==> flow/design.v <==
module alu_summer_blk (ck, RST, i_a, i_b, i_cin, o_result, o_carry_out);
   parameter DW = 48;
   parameter BLK = 4;
   input ck;
   input RST;
   input [DW-1:0] i_a;
   input [DW-1:0] i_b;
   input i_cin;
   output [DW-1:0] o_result;
   output o_carry_out;
   localparam SLICES = DW / BLK;
   wire [DW-1:0] t;
   wire [SLICES:0] cy;
   assign cy[0] = i_cin;
   genvar ii;
   generate
      for (ii = 0; ii < SLICES; ii = ii + 1) begin : stage
         wire [BLK:0] s0 = i_a[ii*BLK +: BLK] + i_b[ii*BLK +: BLK];
         wire [BLK:0] s1 = i_a[ii*BLK +: BLK] + i_b[ii*BLK +: BLK] + 1'b1;
         assign {cy[ii+1], t[ii*BLK +: BLK]} = cy[ii] ? s1 : s0;
      end
   endgenerate
   reg [DW-1:0] result_r;
   always @(posedge ck) begin
      if (RST) begin
         result_r <= 0;
      end else begin
         result_r <= t;
      end
   end
   assign o_result = result_r;
   reg carry_out_r;
   always @(posedge ck) begin
      if (RST) begin
         carry_out_r <= 1'b0;
      end else begin
         carry_out_r <= cy[SLICES];
      end
   end
   assign o_carry_out = carry_out_r;
endmodule
From RTL to reports: alu_summer_blk
Tool output for the design above, in the order of the flow.
Lines are those of the file above, counted from 1.
Library cell names are shortened.
{ "design": {"top_module": "alu_summer_blk", "clk_port": "ck", "lib": "sky130hd", "pvt_corner": "tt_025C_1v80"} }

Word-level counts
Source: Yosys, flattened and elaborated, memories not mapped. Widths are those after wreduce; folded enables and synchronous resets count as part of the registers. Registers that Yosys merges into a memory's read port (data or address) are not register bits. Print and check cells do not count. Equal cells are merged and count once.
{ "word_totals": {"register_bits": 49, "word_cells": 38, "output_inout_bits": 49} }
{ "op_classes": {"n_addsub": 24, "muxes": 12} }
{ "ops": {"columns": ["op", "n"], "rows": [
  ["4-bit by 4-bit adder with 5-bit output", 12],
  ["5-bit by 1-bit adder with 5-bit output with constant B", 12],
  ["5-bit 2-to-1 mux", 12]
]} }

Longest topological paths
Yosys ltp: most cells in a row. Word level: on the elaborated netlist, between registers, memories and ports. Mapped: between sequential cells and ports; inverters and the memories' decode and read muxes count.
{ "logic_depth": {"depth_word": 14, "abc_area": 0, "ltp_mapped": 19} }

After synthesis
Source: synth_stat.txt of the flow (Yosys; design flattened, memories mapped). It holds for the ABC_AREA given above (unset counts as 0); a run with the other value may have another netlist.
{ "synth_totals": {"ffs": 49, "stdcells": 405, "area_um2": 3842.4, "n_buf": 7} }
{ "by_type": {"columns": ["cell", "n", "area_total_um2"], "rows": [
  ["dfxtp_1", 49, 980.941],
  ["ha_1", 60, 750.72],
  ["xnor2_1", 37, 324.061],
  ["fa_1", 12, 240.23],
  ["nor2_1", 52, 195.187],
  ["xor2_1", 22, 192.685],
  ["a21o_1", 25, 187.68],
  ["mux2i_1", 18, 180.173],
  ["a21oi_1", 29, 145.139],
  ["nand2_1", 18, 67.565],
  ["nand4b_1", 7, 61.309],
  ["nand3_1", 11, 55.053],
  ["and3_1", 8, 50.048],
  ["mux2_1", 4, 45.043],
  ["nand2b_1", 7, 43.792],
  ["nand4_1", 7, 43.792],
  ["nor2b_1", 6, 37.536],
  ["nand3b_1", 4, 30.029]
]} }
Not listed: further types 20, cells in them 29.

Worst setup path after synthesis
Path of least setup slack by OpenSTA after synthesis, without wires, with an ideal clock, recovery checks aside; 20% of the period is set as input and as output delay. Where synthesis merged equal registers, the netlist keeps one of their names.
{ "synth_timing": {"path_type": "in2reg", "startpoint": "input i_a[0]", "endpoint": "register carry_out_r", "path_slack_ns": 1.282, "arrival_time_ns": 6.614, "period_ns": 8.02, "t_required_ns": 7.897, "path_stages": 19, "path_delay_ns": 5.133, "setup_ns": 0.123, "path_buffers": 1, "synth_period_reached_ns": 6.738} }
"path_delay_ns" = arrival - input delay + setup time.
"path_stages": output pins that drive a net of the path, with the launching flip-flop's if there is one; two outputs of one cell count as two.
"synth_period_reached_ns" is the clock period less the worst setup slack; recovery checks do not enter. This is arithmetic on one report: input and output delays are still those of the set period (20% each).
The rows between start and end are the longest chain of elaborated cells between them; the timing report does not say that the signal goes this way. Where chains are equally long, one stands for them.
A line is the first line of the expression or statement that the cell stems from. Yosys adds cells for indexed reads and writes and turns some case tables into memories.
{ "synth_between": {"cell_sequence": "ha_1 fa_1 ha_1 nand2_1 or3b_1 o32a_1 a21bo_1 and3_1 buf_2 a21o_1 a311o_1 mux2_4 mux2i_2 mux2i_1 mux2i_1 mux2i_1 mux2i_2 mux2i_1 mux2_1", "elab_chain_cells": 14, "cone_cells": 14, "classes_between": "2 x add/sub; 12 x mux"} }
{ "synth_rtl": {"columns": ["element", "line_no", "text"], "rows": [
  ["from (decl)", 6, "input [DW-1:0] i_a;"],
  ["4-bit by 4-bit adder with 5-bit output", 19, "wire [BLK:0] s1 = i_a[ii*BLK +: BLK] + i_b[ii*BLK +: BLK] + 1'b1;"],
  ["5-bit by 1-bit adder with 5-bit output", 19, null],
  ["5-bit 2-to-1 mux x12", 20, "assign {cy[ii+1], t[ii*BLK +: BLK]} = cy[ii] ? s1 : s0;"],
  ["to (assign)", 35, "carry_out_r <= 1'b0;"],
  ["to (assign)", 37, "carry_out_r <= cy[SLICES];"],
  ["to (decl)", 32, "reg carry_out_r;"]
]} }

Path in the finished layout
Path of least setup slack in the final report of stored run 1 (OpenROAD, finished layout, wires in). Where an end is a register, its clock arrival counts in the times.
{ "layout_timing": {"path_type": "in2reg", "startpoint": "input i_a[0]", "endpoint": "register result_r[46]", "path_stages": 19, "path_slack_ns": 0.79, "path_buffers": 1, "t_required_ns": 8.21, "setup_ns": 0.11, "period_ns": 8.02, "arrival_time_ns": 7.41} }
The rows between start and end are the longest chain of elaborated cells between them; the timing report does not say that the signal goes this way. Where chains are equally long, one stands for them.
{ "layout_between": {"cell_sequence": "clkdlybuf4s50_1 ha_1 fa_1 ha_1 nand2_1 or3b_1 o32a_1 a21bo_1 and3_1 a211oi_1 a311o_1 mux2_4 mux2i_2 mux2i_1 mux2i_1 mux2i_1 mux2i_2 mux2i_1 mux2_1", "elab_chain_cells": 14, "cone_cells": 14, "classes_between": "2 x add/sub; 12 x mux"} }
{ "layout_rtl": {"columns": ["element", "line_no", "text"], "rows": [
  ["from (decl)", 6, "input [DW-1:0] i_a;"],
  ["4-bit by 4-bit adder with 5-bit output", 19, "wire [BLK:0] s1 = i_a[ii*BLK +: BLK] + i_b[ii*BLK +: BLK] + 1'b1;"],
  ["5-bit by 1-bit adder with 5-bit output", 19, null],
  ["5-bit 2-to-1 mux x12", 20, "assign {cy[ii+1], t[ii*BLK +: BLK]} = cy[ii] ? s1 : s0;"],
  ["to (assign)", 26, "result_r <= 0;"],
  ["to (assign)", 28, "result_r <= t;"],
  ["to (decl)", 23, "reg [DW-1:0] result_r;"]
]} }

FLOW RESULTS
============

Settings and measured results of 3 stored flow runs for module alu_summer_blk (sky130hd), not sorted in any way. The constraints put input and output delay at 20% of the set period each and load the outputs with 0.01 pF.
"worst setup path time (ns)" is the time allowed to the run's worst setup path (the clock period less input and output delay, where it has them) less its slack. Clock arrival times count: a late capture clock shortens it, a late launch clock lengthens it.
"finish__power__total": no workload was simulated; the value follows from the tool's default switching activity.

settings of stored run 1
{
  "period_ns": 8.02,
  "CAP_MARGIN": 20,
  "CORE_MARGIN": 2,
  "CORE_UTILIZATION": 40,
  "SLEW_MARGIN": 20
}
report of stored run 1
yosys chip area after synthesis (um^2): 3842.4
finish__design__die__area: 10406.0
finish__design__instance__utilization: 0.5956
finish__timing__setup__ws: 0.792
finish__timing__setup__tns: 0.000
finish__power__total: 8.391e-04
worst setup path time (ns): 5.62
worst setup path kind: in2reg

settings of stored run 2
{
  "period_ns": 10.5,
  "CORE_UTILIZATION": 51,
  "SETUP_SLACK_MARGIN": 0.58,
  "PLACE_DENSITY": 0.74,
  "CORE_MARGIN": 6,
  "GPL_TIMING_DRIVEN": 1,
  "GPL_ROUTABILITY_DRIVEN": 0,
  "CAP_MARGIN": 20,
  "SLEW_MARGIN": 20
}
report of stored run 2
yosys chip area after synthesis (um^2): 3842.4
finish__design__die__area: 9761.4
finish__design__instance__utilization: 0.7571
finish__timing__setup__ws: 2.776
finish__timing__setup__tns: 0.000
finish__power__total: 6.457e-04
worst setup path time (ns): 5.62
worst setup path kind: in2reg

settings of stored run 3
{
  "period_ns": 10.2,
  "CORE_UTILIZATION": 61,
  "SETUP_SLACK_MARGIN": 2.51,
  "PLACE_DENSITY": 0.88,
  "CORE_ASPECT_RATIO": 1.6,
  "CORE_MARGIN": 7,
  "CELL_PAD_IN_SITES_DETAIL_PLACEMENT": 0,
  "TNS_END_PERCENT": 95,
  "GPL_TIMING_DRIVEN": 1,
  "GPL_ROUTABILITY_DRIVEN": 0,
  "CTS_CLUSTER_SIZE": 34,
  "CAP_MARGIN": 35,
  "SLEW_MARGIN": 0
}
report of stored run 3
yosys chip area after synthesis (um^2): 3842.4
finish__design__die__area: 8778.9
finish__design__instance__utilization: 0.9117
finish__timing__setup__ws: 2.584
finish__timing__setup__tns: 0.000
finish__power__total: 7.196e-04
worst setup path time (ns): 5.58
worst setup path kind: in2reg
